==> flow/design.v <==
module aligner_n #(
    parameter DATA_WIDTH = 128,
    parameter SEL_WIDTH = $clog2(DATA_WIDTH)
) (
    input wire i_clk,
    input wire resetn,
    input wire step,
    input wire [DATA_WIDTH-1:0] in_in,
    input wire [SEL_WIDTH-1:0] in_count,
    output wire [DATA_WIDTH-1:0] out_data_out
);
    reg [DATA_WIDTH-1:0] in_r;
    reg [SEL_WIDTH-1:0] count_r;
    always @(posedge i_clk) begin
        if (!resetn) begin
            in_r <= 0;
            count_r <= 0;
        end else if (step) begin
            in_r <= in_in;
            count_r <= in_count;
        end
    end
    assign out_data_out = (in_r << count_r) | (in_r >> (DATA_WIDTH - count_r));
endmodule
* From RTL to reports: aligner_n
What the tools print for aligner_n, step after step.
Lines are those of the file above, counted from 1.
Library cell names are shortened.
Not given: -
- Top :: aligner_n
- Clock input :: i_clk
- Standard-cell library :: sky130hd
- Timing corner :: tt_025C_1v80

* Word level
Source: Yosys, flattened and elaborated, memories not mapped. Widths are those after wreduce; folded enables and synchronous resets count as part of the registers. Registers that Yosys merges into a memory's read port (data or address) are not register bits. Print and check cells do not count. Equal cells are merged and count once.
- Multiply operators :: 0
- Divide/modulo/power cells :: 0
- Bitwise logic cells :: 1
- $add $sub $neg :: 1
- Shift-type cells :: 2
- Eq/ne operators :: 0
- $lt $le $gt $ge :: 0
- Reductions and logical operators :: 0
- Muxes and demuxes :: 0
** Operators with widths (count)
- OR 128 bit :: 1
- >> shifter 128 x 32 -> 128 bit :: 1
- << shifter 128 x 7 -> 128 bit :: 1
- subtractor 8 x 7 -> 9 bit with constant A :: 1
- ROM bits :: 0
- Cells after elaboration :: 6
- Clocked read ports x word width :: 0
- RAM bits :: 0
- Output and inout bits :: 128
- Latch bits :: 0
- Memories :: 0
- Bits in registers :: 135
- Input port bits :: 138

* Logic depth
Depth = most cells in a row (Yosys ltp): at word level without a register or memory, in the mapped netlist without a sequential cell, where the memories' decode and read muxes count.
- Depth after elaboration :: 3
- ABC_AREA :: 0
- Gate-level depth with buffers :: 17

* Synthesis result
The flow's flattened synthesis, as Yosys stat reports it; memories are mapped. The netlist is that of the ABC_AREA named above (0 if unset); the other value can give another one.
Totals and module areas in this step are rounded.
- Buffer cells :: 300
- Cells in the netlist :: 2686
- Synthesis area :: 27000 µm²
- Sequential area :: 2700 µm²
- Flip-flop cells :: 135
** Cell types (count)
- mux4_2 :: 378
- mux2i_1 :: 394
- dfxtp_1 :: 135
- mux2_2 :: 213
- nor2b_1 :: 139
- nand2_1 :: 205
- nor2_1 :: 162
- o22ai_1 :: 95
- a21oi_1 :: 86
- clkbuf_1 :: 114
- buf_2 :: 80
- o211ai_1 :: 45
- buf_4 :: 40
- a211oi_1 :: 37
- o21ai_0 :: 54
- nand3_1 :: 52
- buf_6 :: 22
- a211o_1 :: 28
Other cell types: 72; their cells: 407.

* Path before layout
OpenSTA on the mapped netlist: ideal clock, no wires. The path of least setup slack (recovery checks aside). Input and output delay are each 20% of the period. Register names are those of the netlist, which keeps one name where synthesis merged equal registers.
- Path kind :: register to output
- Start point :: register count_r[0]
- End point :: output out_data_out[61]
- Stages :: 16
- Output delay :: 1.180 ns
- Data required time :: 4.720 ns
- Setup slack :: 0.946 ns
- Clock period :: 5.9 ns
- Path delay :: 3.774 ns
- Arrival time :: 3.774 ns
- Period reached after synthesis :: 4.954 ns
"path delay" = arrival - input delay + setup time.
At an output port there is no setup time.
"stages" counts driving pins, that of a launching flip-flop among them; a cell with two outputs on the path counts twice.
"period reached after synthesis" is the clock period less the worst setup slack; recovery checks do not enter. This is arithmetic on one report: input and output delays are still those of the set period (20% each).
The rows between start and end are the longest chain of elaborated cells between them; the timing report does not say that the signal goes this way. Where chains are equally long, one stands for them.
Each line given opens the expression or statement behind the cell; cells for indexed reads and writes are added by Yosys, which also makes memories of some case tables.
- Path through :: dfxtp_1 > buf_6 > inv_2 > buf_2 > buf_2 > buf_2 > ha_1 > buf_6 > buf_2 > buf_2 > clkbuf_1 > mux4_2 > mux4_2 > mux2i_1 > o22ai_1 > or3_1
- Cells in the longest elaborated chain :: 3
- Elaborated cells between the ends (all ways) :: 4
- Classes of those cells :: add/sub: 1; shift: 2; logic: 1
** RTL lines, path post-synthesis
- from (decl) :: RTL line 13 : reg [SEL_WIDTH-1:0] count_r;
- from (assign) :: RTL line 17 : count_r <= 0;
- from (assign) :: RTL line 20 : count_r <= in_count;
- subtractor 8 x 7 -> 9 bit :: RTL line 23 : assign out_data_out = (in_r << count_r) | (in_r >> (DATA_WIDTH - count_r));
- >> shifter 128 x 32 -> 128 bit :: RTL line 23
- OR 128 bit :: RTL line 23
- to (decl) :: RTL line 10 : output wire [DATA_WIDTH-1:0] out_data_out

* Timing after layout
From the final timing report of flow run B: the path of least setup slack in the routed layout; clock arrival at registers is part of the times.
- Path kind :: register to output
- Start point :: register count_r[1]
- End point :: output out_data_out[18]
- Stages :: 9
- Clock period :: 5.9 ns
- Setup slack :: -0.05 ns
- Data required time :: 4.72 ns
- Arrival time :: 4.77 ns
- Output delay :: 1.18 ns
The rows between start and end are the longest chain of elaborated cells between them; the timing report does not say that the signal goes this way. Where chains are equally long, one stands for them.
- Path through :: dfxtp_4 > buf_4 > mux4_2 > mux2i_1 > o32a_1 > o21ai_0 > a222oi_1 > o221ai_1 > clkdlybuf4s50_1
- Cells in the longest elaborated chain :: 3
- Elaborated cells between the ends (all ways) :: 4
- Classes of those cells :: add/sub: 1; shift: 2; logic: 1
** RTL lines, path after layout
- from (decl) :: RTL line 13 : reg [SEL_WIDTH-1:0] count_r;
- from (assign) :: RTL line 17 : count_r <= 0;
- from (assign) :: RTL line 20 : count_r <= in_count;
- subtractor 8 x 7 -> 9 bit :: RTL line 23 : assign out_data_out = (in_r << count_r) | (in_r >> (DATA_WIDTH - count_r));
- >> shifter 128 x 32 -> 128 bit :: RTL line 23
- OR 128 bit :: RTL line 23
- to (decl) :: RTL line 10 : output wire [DATA_WIDTH-1:0] out_data_out

Top module aligner_n; platform sky130hd; tools Yosys and OpenROAD; 3 stored runs in no particular order. Input and output delays are each 20% of the period that was set; the output load is 0.01 pF.
"achieved period" = clock period - worst setup slack. The figure is calculated, with input and output delays left at 20% of the set period.
"critical setup path time" = time allowed to the worst setup path (clock period - input delay - output delay, where it has them) - its slack; a late launch clock adds to it, a late capture clock takes from it.
Measured values are rounded.

* Flow run A
** Files
==> flow/run.sh <==
#!/bin/bash
# the make line also repeats the synthesis and layout settings of config.mk as NAME=value (left out here)
make -C /OpenROAD-flow-scripts/flow DESIGN_CONFIG=/design/flow/config.mk WORK_HOME=/design/flow/orfs CLKGATE_MAP_FILE= finish
==> flow/config.mk <==
export PLATFORM = sky130hd
export DESIGN_NAME = aligner_n
export DESIGN_NICKNAME = aligner_n
export VERILOG_FILES = /design/flow/design.v
export SDC_FILE = /design/flow/constraint.sdc
export NUM_CORES = 4
export LEC_CHECK = 0
export CAP_MARGIN = 15
export CELL_PAD_IN_SITES_DETAIL_PLACEMENT = 2
export CELL_PAD_IN_SITES_GLOBAL_PLACEMENT = 0
export CORE_ASPECT_RATIO = 1.94
export CORE_MARGIN = 2
export CORE_UTILIZATION = 72
export CTS_CLUSTER_DIAMETER = 228
export CTS_CLUSTER_SIZE = 33
export GPL_ROUTABILITY_DRIVEN = 1
export GPL_TIMING_DRIVEN = 1
export PLACE_DENSITY_LB_ADDON = 0.15
export SETUP_SLACK_MARGIN = 0.98
export SLEW_MARGIN = 20
==> flow/constraint.sdc <==
create_clock -name core_clock -period 3.81 [get_ports {i_clk}]
set_input_delay 0.7620 -clock core_clock [delete_from_list [all_inputs] [get_ports {i_clk}]]
set_output_delay 0.7620 -clock core_clock [all_outputs]
set_load 0.01 [all_outputs]
** Results
Stopped before the end: placement reported a tool error.

* Flow run B
** Files
==> flow/run.sh <==
#!/bin/bash
# the make line also repeats the synthesis and layout settings of config.mk as NAME=value (left out here)
make -C /OpenROAD-flow-scripts/flow DESIGN_CONFIG=/design/flow/config.mk WORK_HOME=/design/flow/orfs CLKGATE_MAP_FILE= finish
==> flow/config.mk <==
export PLATFORM = sky130hd
export DESIGN_NAME = aligner_n
export DESIGN_NICKNAME = aligner_n
export VERILOG_FILES = /design/flow/design.v
export SDC_FILE = /design/flow/constraint.sdc
export NUM_CORES = 4
export LEC_CHECK = 0
export CAP_MARGIN = 20
export CORE_MARGIN = 2
export CORE_UTILIZATION = 40
export SLEW_MARGIN = 20
==> flow/constraint.sdc <==
create_clock -name core_clock -period 5.9 [get_ports {i_clk}]
set_input_delay 1.1800 -clock core_clock [delete_from_list [all_inputs] [get_ports {i_clk}]]
set_output_delay 1.1800 -clock core_clock [all_outputs]
set_load 0.01 [all_outputs]
** Results
- Area of the synthesized netlist :: 27000 µm²
- Total die area :: 69000 µm²
- Area of the standard cells in the finished layout :: 32000 µm²
- Lowest setup slack :: -0.050 ns
- Lowest hold slack :: 0.68 ns
- Achieved period :: 5.950 ns
- Critical setup path time :: 4.77 ns
- Critical path kind :: register to output

* Flow run C
** Files
==> flow/run.sh <==
#!/bin/bash
# the make line also repeats the synthesis and layout settings of config.mk as NAME=value (left out here)
make -C /OpenROAD-flow-scripts/flow DESIGN_CONFIG=/design/flow/config.mk WORK_HOME=/design/flow/orfs CLKGATE_MAP_FILE= finish
==> flow/config.mk <==
export PLATFORM = sky130hd
export DESIGN_NAME = aligner_n
export DESIGN_NICKNAME = aligner_n
export VERILOG_FILES = /design/flow/design.v
export SDC_FILE = /design/flow/constraint.sdc
export NUM_CORES = 4
export LEC_CHECK = 0
export ABC_AREA = 1
export CAP_MARGIN = 20
export CORE_MARGIN = 5
export CORE_UTILIZATION = 21
export CTS_CLUSTER_DIAMETER = 273
export GPL_ROUTABILITY_DRIVEN = 1
export GPL_TIMING_DRIVEN = 1
export PLACE_DENSITY_LB_ADDON = 0.03
export SETUP_SLACK_MARGIN = 0.15
export SLEW_MARGIN = 20
==> flow/constraint.sdc <==
create_clock -name core_clock -period 5.25 [get_ports {i_clk}]
set_input_delay 1.0500 -clock core_clock [delete_from_list [all_inputs] [get_ports {i_clk}]]
set_output_delay 1.0500 -clock core_clock [all_outputs]
set_load 0.01 [all_outputs]
** Results
- Area of the synthesized netlist :: 22000 µm²
- Total die area :: 110000 µm²
- Area of the standard cells in the finished layout :: 27000 µm²
- Lowest setup slack :: 0.14 ns
- Lowest hold slack :: 0.53 ns
- Achieved period :: 5.112 ns
- Critical setup path time :: 4.06 ns
- Critical path kind :: register to output
